==> flow/design.v <==
module core_multiplier_top_add_row #(parameter N = 4) (
    input wire [N-1:0] a,
    input wire sel,
    input wire [N-1:0] pin,
    output wire [N:0] pout
);
    assign pout = pin + (a & {N{sel}});
endmodule
module core_multiplier_top #(
    parameter WD = 14
) (
    input wire CLK,
    input wire RSTN,
    input wire ce,
    input wire [WD-1:0] A,
    input wire [WD-1:0] B,
    output wire [2*WD-1:0] result
);
    reg [WD-1:0] A_r;
    always @(posedge CLK) begin
        if (~RSTN) begin
            A_r <= 0;
        end else if (ce) begin
            A_r <= A;
        end
    end
    reg [WD-1:0] B_r;
    always @(posedge CLK) begin
        if (~RSTN) begin
            B_r <= 0;
        end else if (ce) begin
            B_r <= B;
        end
    end
    wire [WD:0] n_ [0:WD];
    wire [WD-1:0] lo;
    assign n_[0] = 0;
    genvar k;
    generate
        for (k = 0; k < WD; k = k + 1) begin : stage
            core_multiplier_top_add_row #(.N(WD)) unit (.a(A_r), .sel(B_r[k]), .pin(n_[k][WD:1]), .pout(n_[k+1]));
            assign lo[k] = n_[k+1][0];
        end
    endgenerate
    assign result = {n_[WD][WD:1], lo};
endmodule
# ---- Reports on core_multiplier_top
# What the tools print for core_multiplier_top, step after step.
# Line numbers count from 1 in the design file above.
# Cell names lack the library's common part.
# Not given: n/a
dict set report inputs {
  design {core_multiplier_top}
  clk_port {CLK}
  library {sky130hd}
  pvt_corner {tt_025C_1v80}
}

# ---- After elaboration
# Source: Yosys, flattened and elaborated, memories not mapped. Widths are those after wreduce; folded enables and synchronous resets count as part of the registers. Registers that Yosys merges into a memory's read port (data or address) are not register bits. Print and check cells do not count. Equal cells are merged and count once.
dict set report word_totals {
  ff_bits 28
  inputBits 31
  output_inout_bits 28
  elab_cells 29
}
dict set report op_classes {
  add_sub_neg 13
  bitwise 14
}
# operator n
set ops {}
lappend ops {{14-bit bitwise AND} 14}
lappend ops {{14-bit by 15-bit adder with 15-bit output} 12}
lappend ops {{13-bit by 15-bit adder with 15-bit output} 1}

# ---- Depth
# Depth = most cells in a row (Yosys ltp): at word level without a register or memory, in the mapped netlist without a sequential cell, where the memories' decode and read muxes count.
dict set report depth {
  depth_word 14
  abc_area 0
  mapped_depth 77
  depth_no_buf 75
}

# ---- Synthesis result
# Source: synth_stat.txt of the flow (Yosys; design flattened, memories mapped). It holds for the ABC_AREA given above (unset counts as 0); a run with the other value may have another netlist.
# The area totals of this step are shown rounded.
dict set report mapped {
  cells 1426
  synth_area_mm2 0.01
  ffs 28
}
# cell n area_total_um2
set types {}
lappend types {ha_1 181 2.26E+03}
lappend types {and2_1 191 1.19E+03}
lappend types {xnor2_1 86 753.222}
lappend types {a21oi_1 114 570.547}
lappend types {dfxtp_1 28 560.538}
lappend types {a21o_1 61 457.939}
lappend types {o21ai_0 84 420.403}
lappend types {nor2b_1 57 356.592}
lappend types {nor2_1 92 345.331}
lappend types {xor2_1 38 332.819}
lappend types {mux2i_1 30 300.288}
lappend types {inv_1 75 281.52}
lappend types {nand2_1 71 266.506}
lappend types {fa_1 13 260.25}
lappend types {o21a_1 31 232.723}
lappend types {a211oi_1 23 172.666}
lappend types {clkbuf_1 39 146.39}
lappend types {nor3_1 21 105.101}
# Other cell types: 52; their cells: 191.
# The figures by module come from a second, unflattened synthesis with its own total; it is not the netlist above.
dict set report hier_totals {
  cells_unflattened 1644
  area_unflattened_mm2 0.012
}
# Each row is one instance without its submodules.
# module n_inst n_cells mod_area_mm2
set by_module {}
lappend by_module {{core_multiplier_top_add_row (N=14)} 14 111 0.00076}
lappend by_module {core_multiplier_top 1 90 0.0011}

# ---- Worst setup path after synthesis
# Source: OpenSTA report_checks on the synthesized netlist (no wires, ideal clock, input and output delay 20% of the period each), path of least setup slack; recovery checks are left aside. Register names are those of the netlist, which keeps one name where synthesis merged equal registers.
dict set report synth_path {
  path_kind {register to output}
  startpoint {register B_r[1]}
  endpoint {output result[26]}
  tclk_ps 21200
  out_delay_ps 4240
  t_first_pin_ps 0
  arrival_time_ps 13552
  required_time_ps 16960
  path_slack_ps 3408
  path_delay_ps 13552
  driving_pins 72
  n_path_buf 2
  synth_period_reached_ps 17792
}
# "path_delay_ps" is the arrival time less input delay plus setup time.
# A path that ends at an output port has no setup time.
# "driving_pins" counts driving pins, that of a launching flip-flop among them; a cell with two outputs on the path counts twice.
# "synth_period_reached_ps" is the clock period less the worst setup slack; recovery checks do not enter. This is arithmetic on one report: input and output delays are still those of the set period (20% each).
# The rows between start and end are the longest chain of elaborated cells between them; the timing report does not say that the signal goes this way. Where chains are equally long, one stands for them.
# A line is the first line of the expression or statement that the cell stems from. Yosys adds cells for indexed reads and writes and turns some case tables into memories.
dict set report synth_between {
  path_cell_list {dfxtp_1 -> clkbuf_1 -> and2_1 -> ha_1 -> fa_1 -> a21oi_1 -> o21ai_0 -> o21a_1 -> nor2_1 -> xnor2_1 -> ha_1 -> o21a_1 -> nand2_1 -> o2bb2ai_1 -> o311ai_0 -> ha_1 -> a21oi_1 -> a21boi_0 -> [... 36 more ...] -> a211oi_1 -> ha_1 -> a21o_1 -> a31oi_1 -> xnor2_1 -> ha_1 -> clkbuf_1 -> a21o_1 -> a41oi_1 -> o21bai_1 -> a21oi_1 -> xnor2_1 -> ha_1 -> a21o_1 -> a21o_1 -> a21oi_1 -> o21ai_0 -> xor2_1}
  elab_chain_cells 14
  cone_cells 14
  cone_lines 1
  cone_classes {13 x add/sub; 1 x logic}
}
# element line_no
set synth_rtl {}
lappend synth_rtl {{start: declaration} 27} ;# reg [WD-1:0] B_r;
lappend synth_rtl {{start: assignment} 30} ;# B_r <= 0;
lappend synth_rtl {{start: assignment} 32} ;# B_r <= B;
lappend synth_rtl {{14-bit bitwise AND} 7} ;# assign pout = pin + (a & {N{sel}});
lappend synth_rtl {{13-bit by 15-bit adder with 15-bit output} 7}
lappend synth_rtl {{14-bit by 15-bit adder with 15-bit output (12 in a row)} 7}
lappend synth_rtl {{end: declaration} 17} ;# output wire [2*WD-1:0] result

# ---- Timing after layout
# From the final timing report of entry A: the path of least setup slack in the routed layout; clock arrival at registers is part of the times.
# The report prints the path's times to 10 ps; the period is as set.
dict set report layout_path {
  path_kind {register to output}
  startpoint {register B_r[1]}
  endpoint {output result[27]}
  tclk_ps 14500
  out_delay_ps 2900
  t_first_pin_ps 300
  arrival_time_ps 14140
  required_time_ps 11600
  path_slack_ps -2540
  driving_pins 75
  n_path_buf 5
}
# The rows between start and end are the longest chain of elaborated cells between them; the timing report does not say that the signal goes this way. Where chains are equally long, one stands for them.
dict set report layout_between {
  path_cell_list {dfxtp_2 -> and2_4 -> ha_4 -> fa_2 -> a21oi_4 -> o21ai_2 -> o21a_1 -> nor2_4 -> buf_4 -> xnor2_2 -> ha_4 -> o21a_1 -> nand2_2 -> o2bb2ai_4 -> o311ai_4 -> ha_4 -> a21oi_2 -> a21boi_1 -> [... 39 more ...] -> ha_1 -> nand2_2 -> nor2b_4 -> o21ai_2 -> a21oi_2 -> nor3_2 -> xnor2_1 -> ha_1 -> and3_4 -> a31oi_4 -> nand3_2 -> xor2_1 -> ha_1 -> a21o_1 -> a21o_1 -> a21oi_2 -> o21ai_1 -> buf_2}
  elab_chain_cells 14
  cone_cells 14
  cone_lines 1
  cone_classes {13 x add/sub; 1 x logic}
}
# element line_no
set layout_rtl {}
lappend layout_rtl {{start: declaration} 27} ;# reg [WD-1:0] B_r;
lappend layout_rtl {{start: assignment} 30} ;# B_r <= 0;
lappend layout_rtl {{start: assignment} 32} ;# B_r <= B;
lappend layout_rtl {{14-bit bitwise AND} 7} ;# assign pout = pin + (a & {N{sel}});
lappend layout_rtl {{13-bit by 15-bit adder with 15-bit output} 7}
lappend layout_rtl {{14-bit by 15-bit adder with 15-bit output (12 in a row)} 7}
lappend layout_rtl {{end: declaration} 17} ;# output wire [2*WD-1:0] result

# 3 stored runs of core_multiplier_top in the flow (synthesis by Yosys, layout by OpenROAD, sky130hd cells), in arbitrary order. Constraints: input delay and output delay 20% of the set period each, output load 0.01 pF.
# The measured numbers are rounded.
run="entry A" settings period_ns=14.5 CORE_UTILIZATION=21 SETUP_SLACK_MARGIN=-0.57 PLACE_DENSITY_LB_ADDON=0.13 CORE_MARGIN=10 CELL_PAD_IN_SITES_DETAIL_PLACEMENT=0 ABC_AREA=0 GPL_ROUTABILITY_DRIVEN=1 CTS_CLUSTER_SIZE=38 CTS_CLUSTER_DIAMETER=103 CAP_MARGIN=25 MIN_ROUTING_LAYER="met1" SLEW_MARGIN=20
run="entry A" results die_mm2=0.059 ws_setup_ps=-2500 worst_hold_slack_ps=580 finish.utilization_pct=37 ys_area_mm2=0.01 timing.setup.tns_ps=-24000
run="entry B" settings period_ns=28.0 CORE_UTILIZATION=66 PLACE_DENSITY_LB_ADDON=0.24 CELL_PAD_IN_SITES_GLOBAL_PLACEMENT=0 CELL_PAD_IN_SITES_DETAIL_PLACEMENT=0 CTS_CLUSTER_SIZE=57 SLEW_MARGIN=40 MIN_ROUTING_LAYER="met2" MAX_ROUTING_LAYER="met4" CAP_MARGIN=20 CORE_MARGIN=2
run="entry B" results die_mm2=0.017 ws_setup_ps=5900 worst_hold_slack_ps=720 finish.utilization_pct=72 ys_area_mm2=0.01 timing.setup.tns_ps=0
run="entry C" settings period_ns=21.2 CAP_MARGIN=20 CORE_MARGIN=2 CORE_UTILIZATION=40 SLEW_MARGIN=20
run="entry C" results die_mm2=0.028 ws_setup_ps=1300 worst_hold_slack_ps=640 finish.utilization_pct=44 ys_area_mm2=0.01 timing.setup.tns_ps=0
